==> flow/design.v <==
module ex_sel_unit_blk_sel2 #(parameter N = 1) (
    input wire [N-1:0] a,
    input wire [N-1:0] b,
    input wire s,
    output wire [N-1:0] y
);
    assign y = s ? b : a;
endmodule
module ex_sel_unit_blk #(
    parameter W = 12,
    parameter COUNT = 16,
    parameter SW = $clog2(COUNT)
) (
    input  wire sys_clk,
    input  wire rst_i,
    input  wire [COUNT*W-1:0] src,
    input  wire [SW-1:0] sel,
    output reg [W-1:0] res
);
    reg [COUNT*W-1:0] src_s;
    reg [SW-1:0] sel_s;
    wire [W-1:0] tree [1:2*COUNT-1];
    genvar gi;
    generate
        for (gi = 0; gi < COUNT; gi = gi + 1) begin : each
            assign tree[COUNT+gi] = src_s[gi*W +: W];
        end
        for (gi = 1; gi < COUNT; gi = gi + 1) begin : blk
            ex_sel_unit_blk_sel2 #(.N(W)) inst (.a(tree[2*gi]), .b(tree[2*gi+1]), .s(sel_s[SW - $clog2(gi+1)]), .y(tree[gi]));
        end
    endgenerate
    always @(posedge sys_clk or posedge rst_i) begin
        if (rst_i) begin
            src_s <= 0;
            sel_s <= 0;
            res <= 0;
        end else begin
            src_s <= src;
            sel_s <= sel;
            res <= tree[1];
        end
    end
endmodule
Reports on ex_sel_unit_blk
Tool output for the design above, in the order of the flow.
Line numbers count from 1 in the design file above.
Operators carry their Yosys type and port widths (W data, S select, Z words).
Cell names lack the library's common part.
{"block": "setup", "design": "ex_sel_unit_blk", "clock_port": "sys_clk", "lib": "sky130hd", "corner": "tt_025C_1v80"}

Word level
Yosys after proc, flatten, opt, wreduce and memory -nomap, before mapping. Enables and synchronous resets that opt folds into registers are not counted as muxes. Print and check cells are not counted. Equal cells are merged and count once.
{"block": "op_classes", "n_mux": 15}
{"block": "op_table", "op": "$mux W12", "n": 15}
{"block": "bits", "wordCells": 18, "register_bits": 208}

Depth
Longest topological path by Yosys (ltp), each cell counted once; first at word level (registers and memories cut), then after technology mapping (sequential cells cut; the memories' decode and read muxes count).
{"block": "depth", "word_depth": 4, "abc_area": 0, "ltp_mapped": 5}

Netlist
Yosys stat after the flow's synthesis: flattened, memories mapped to cells. It holds for the ABC_AREA given above (unset counts as 0); a run with the other value may have another netlist.
{"block": "types", "type": "dfrtp_1", "n": 208, "area_total_um2": 5.2E+03}
{"block": "types", "type": "mux4_2", "n": 33, "area_total_um2": 743.213}
{"block": "types", "type": "mux4_1", "n": 15, "area_total_um2": 394.128}
{"block": "types", "type": "a22oi_1", "n": 24, "area_total_um2": 180.173}
{"block": "types", "type": "nand2_1", "n": 12, "area_total_um2": 45.043}
{"block": "types", "type": "buf_12", "n": 2, "area_total_um2": 40.038}
{"block": "types", "type": "buf_2", "n": 5, "area_total_um2": 25.024}
{"block": "types", "type": "clkbuf_1", "n": 6, "area_total_um2": 22.522}
{"block": "types", "type": "nor2b_1", "n": 2, "area_total_um2": 12.512}
{"block": "types", "type": "buf_6", "n": 1, "area_total_um2": 11.261}
{"block": "types", "type": "and2_1", "n": 1, "area_total_um2": 6.256}
{"block": "types", "type": "inv_1", "n": 1, "area_total_um2": 3.754}
{"block": "types", "type": "nor2_1", "n": 1, "area_total_um2": 3.754}
{"block": "synth_totals", "cell_count": 311, "yosys_area_um2": 6692.7, "ff_cells": 208, "n_buf": 14}
The figures by module come from a second, unflattened synthesis with its own total; it is not the netlist above.
{"block": "hier_totals", "cells_unflattened": 404, "hier_area_um2": 7967.6}
Each row is one instance without its submodules.
{"block": "modules", "module": "ex_sel_unit_blk", "instances": 1, "n_cells": 209, "area_um2": 5208.7}
{"block": "modules", "module": "ex_sel_unit_blk_sel2 (N=12)", "instances": 15, "n_cells": 13, "area_um2": 183.9}

Path before layout
OpenSTA on the mapped netlist: ideal clock, no wires. The path of least setup slack (recovery checks aside). Input and output delay are each 20% of the period. Register names are those of the netlist, which keeps one name where synthesis merged equal registers.
{"block": "synth_timing", "path_type": "reg-to-reg", "startpoint": "reg sel_s[0]", "endpoint": "reg res[6]", "required_time_ps": 1786, "slack_ps": 382, "arrival_time_ps": 1404, "delay_ps": 1528, "launch_ps": 0, "clock_period_ps": 1910, "driving_pins": 5, "synth_period_reached_ps": 1528}
"delay_ps" = arrival - input delay + setup time.
"driving_pins" counts driving pins, that of a launching flip-flop among them; a cell with two outputs on the path counts twice.
"synth_period_reached_ps" is the clock period less the worst setup slack; recovery checks do not enter. This is arithmetic on one report: input and output delays are still those of the set period (20% each).
Between the ends stands the longest chain of elaborated cells between them, by number of cells; it is not shown to be the way that was timed. Of several equally long chains one is given.
Each line given opens the expression or statement behind the cell; cells for indexed reads and writes are added by Yosys, which also makes memories of some case tables.
{"block": "synth_between", "cell_sequence": "dfrtp_1 > buf_2 > mux4_2 > a22oi_1 > nand2_1", "elab_chain_cells": 4}
{"block": "synth_rtl", "element": "start: declaration", "line_no": 21, "rtl": "reg [SW-1:0] sel_s;"}
{"block": "synth_rtl", "element": "start: assignment", "line_no": 35, "rtl": "sel_s <= 0;"}
{"block": "synth_rtl", "element": "start: assignment", "line_no": 39, "rtl": "sel_s <= sel;"}
{"block": "synth_rtl", "element": "$mux W12 (4 in a row)", "line_no": 7, "rtl": "assign y = s ? b : a;"}
{"block": "synth_rtl", "element": "end: assignment", "line_no": 36, "rtl": "res <= 0;"}
{"block": "synth_rtl", "element": "end: assignment", "line_no": 40, "rtl": "res <= tree[1];"}
{"block": "synth_rtl", "element": "end: declaration", "line_no": 18, "rtl": "output reg [W-1:0] res"}

Timing after layout
From the final timing report of record 1: the path of least setup slack in the routed layout; clock arrival at registers is part of the times.
The path's times are printed in steps of 10 ps; the period is the one set.
{"block": "layout_timing", "path_type": "reg-to-reg", "startpoint": "reg sel_s[0]", "endpoint": "reg res[2]", "slack_ps": 60, "clock_period_ps": 1910, "launch_ps": 480, "driving_pins": 5, "arrival_time_ps": 2220, "required_time_ps": 2280}
Between the ends stands the longest chain of elaborated cells between them, by number of cells; it is not shown to be the way that was timed. Of several equally long chains one is given.
{"block": "layout_between", "cell_sequence": "dfrtp_4 > buf_12 > mux4_1 > a22oi_2 > nand2_1", "elab_chain_cells": 4}
{"block": "layout_rtl", "element": "start: declaration", "line_no": 21, "rtl": "reg [SW-1:0] sel_s;"}
{"block": "layout_rtl", "element": "start: assignment", "line_no": 35, "rtl": "sel_s <= 0;"}
{"block": "layout_rtl", "element": "start: assignment", "line_no": 39, "rtl": "sel_s <= sel;"}
{"block": "layout_rtl", "element": "$mux W12 (4 in a row)", "line_no": 7, "rtl": "assign y = s ? b : a;"}
{"block": "layout_rtl", "element": "end: assignment", "line_no": 36, "rtl": "res <= 0;"}
{"block": "layout_rtl", "element": "end: assignment", "line_no": 40, "rtl": "res <= tree[1];"}
{"block": "layout_rtl", "element": "end: declaration", "line_no": 18, "rtl": "output reg [W-1:0] res"}

Appendix: measured runs

Flow measurements of ex_sel_unit_blk on sky130hd: 3 stored runs with different settings, listed in no order. Input and output delays are each 20% of the period that was set; the output load is 0.01 pF.
"timing.achieved_period_ps" is the run's clock period less its worst setup slack. It is reckoned from that one timing run; input and output delays stay at 20% of the period that was set.

{"run": "record 1", "settings": { "period_ns": 1.91, "CAP_MARGIN": 20, "CORE_MARGIN": 2, "CORE_UTILIZATION": 40, "SLEW_MARGIN": 20 }, "results": { "stdcell_area_um2": 9940.8, "ys_area_um2": 6692.7, "timing.setup.ws_ps": 62, "dieArea_um2": 17782.2, "timing.achieved_period_ps": 1848, "util_pct": 60.4 }}
{"run": "record 2", "settings": { "period_ns": 2.97, "CORE_UTILIZATION": 52, "PLACE_DENSITY_LB_ADDON": 0.21, "HOLD_SLACK_MARGIN": 0.17, "CTS_CLUSTER_SIZE": 41, "SLEW_MARGIN": 40, "MAX_ROUTING_LAYER": "met5", "CAP_MARGIN": 20, "CORE_MARGIN": 2 }, "results": { "util_pct": 77.3, "stdcell_area_um2": 9714.3, "timing.achieved_period_ps": 2086, "dieArea_um2": 13794.5, "ys_area_um2": 6692.7, "timing.setup.ws_ps": 884 }}
{"run": "record 3", "settings": { "period_ns": 1.19, "CORE_UTILIZATION": 20, "SETUP_SLACK_MARGIN": 0.11, "PLACE_DENSITY_LB_ADDON": 0.26, "CORE_MARGIN": 5, "CELL_PAD_IN_SITES_GLOBAL_PLACEMENT": 2, "ABC_AREA": 1, "GPL_TIMING_DRIVEN": 1, "GPL_ROUTABILITY_DRIVEN": 0, "CTS_CLUSTER_SIZE": 40, "CAP_MARGIN": 10, "MIN_ROUTING_LAYER": "met1", "SLEW_MARGIN": 20 }, "results": { "timing.setup.ws_ps": -317, "ys_area_um2": 7657.3, "util_pct": 33.7, "dieArea_um2": 42300.1, "timing.achieved_period_ps": 1507, "stdcell_area_um2": 12721.0 }}
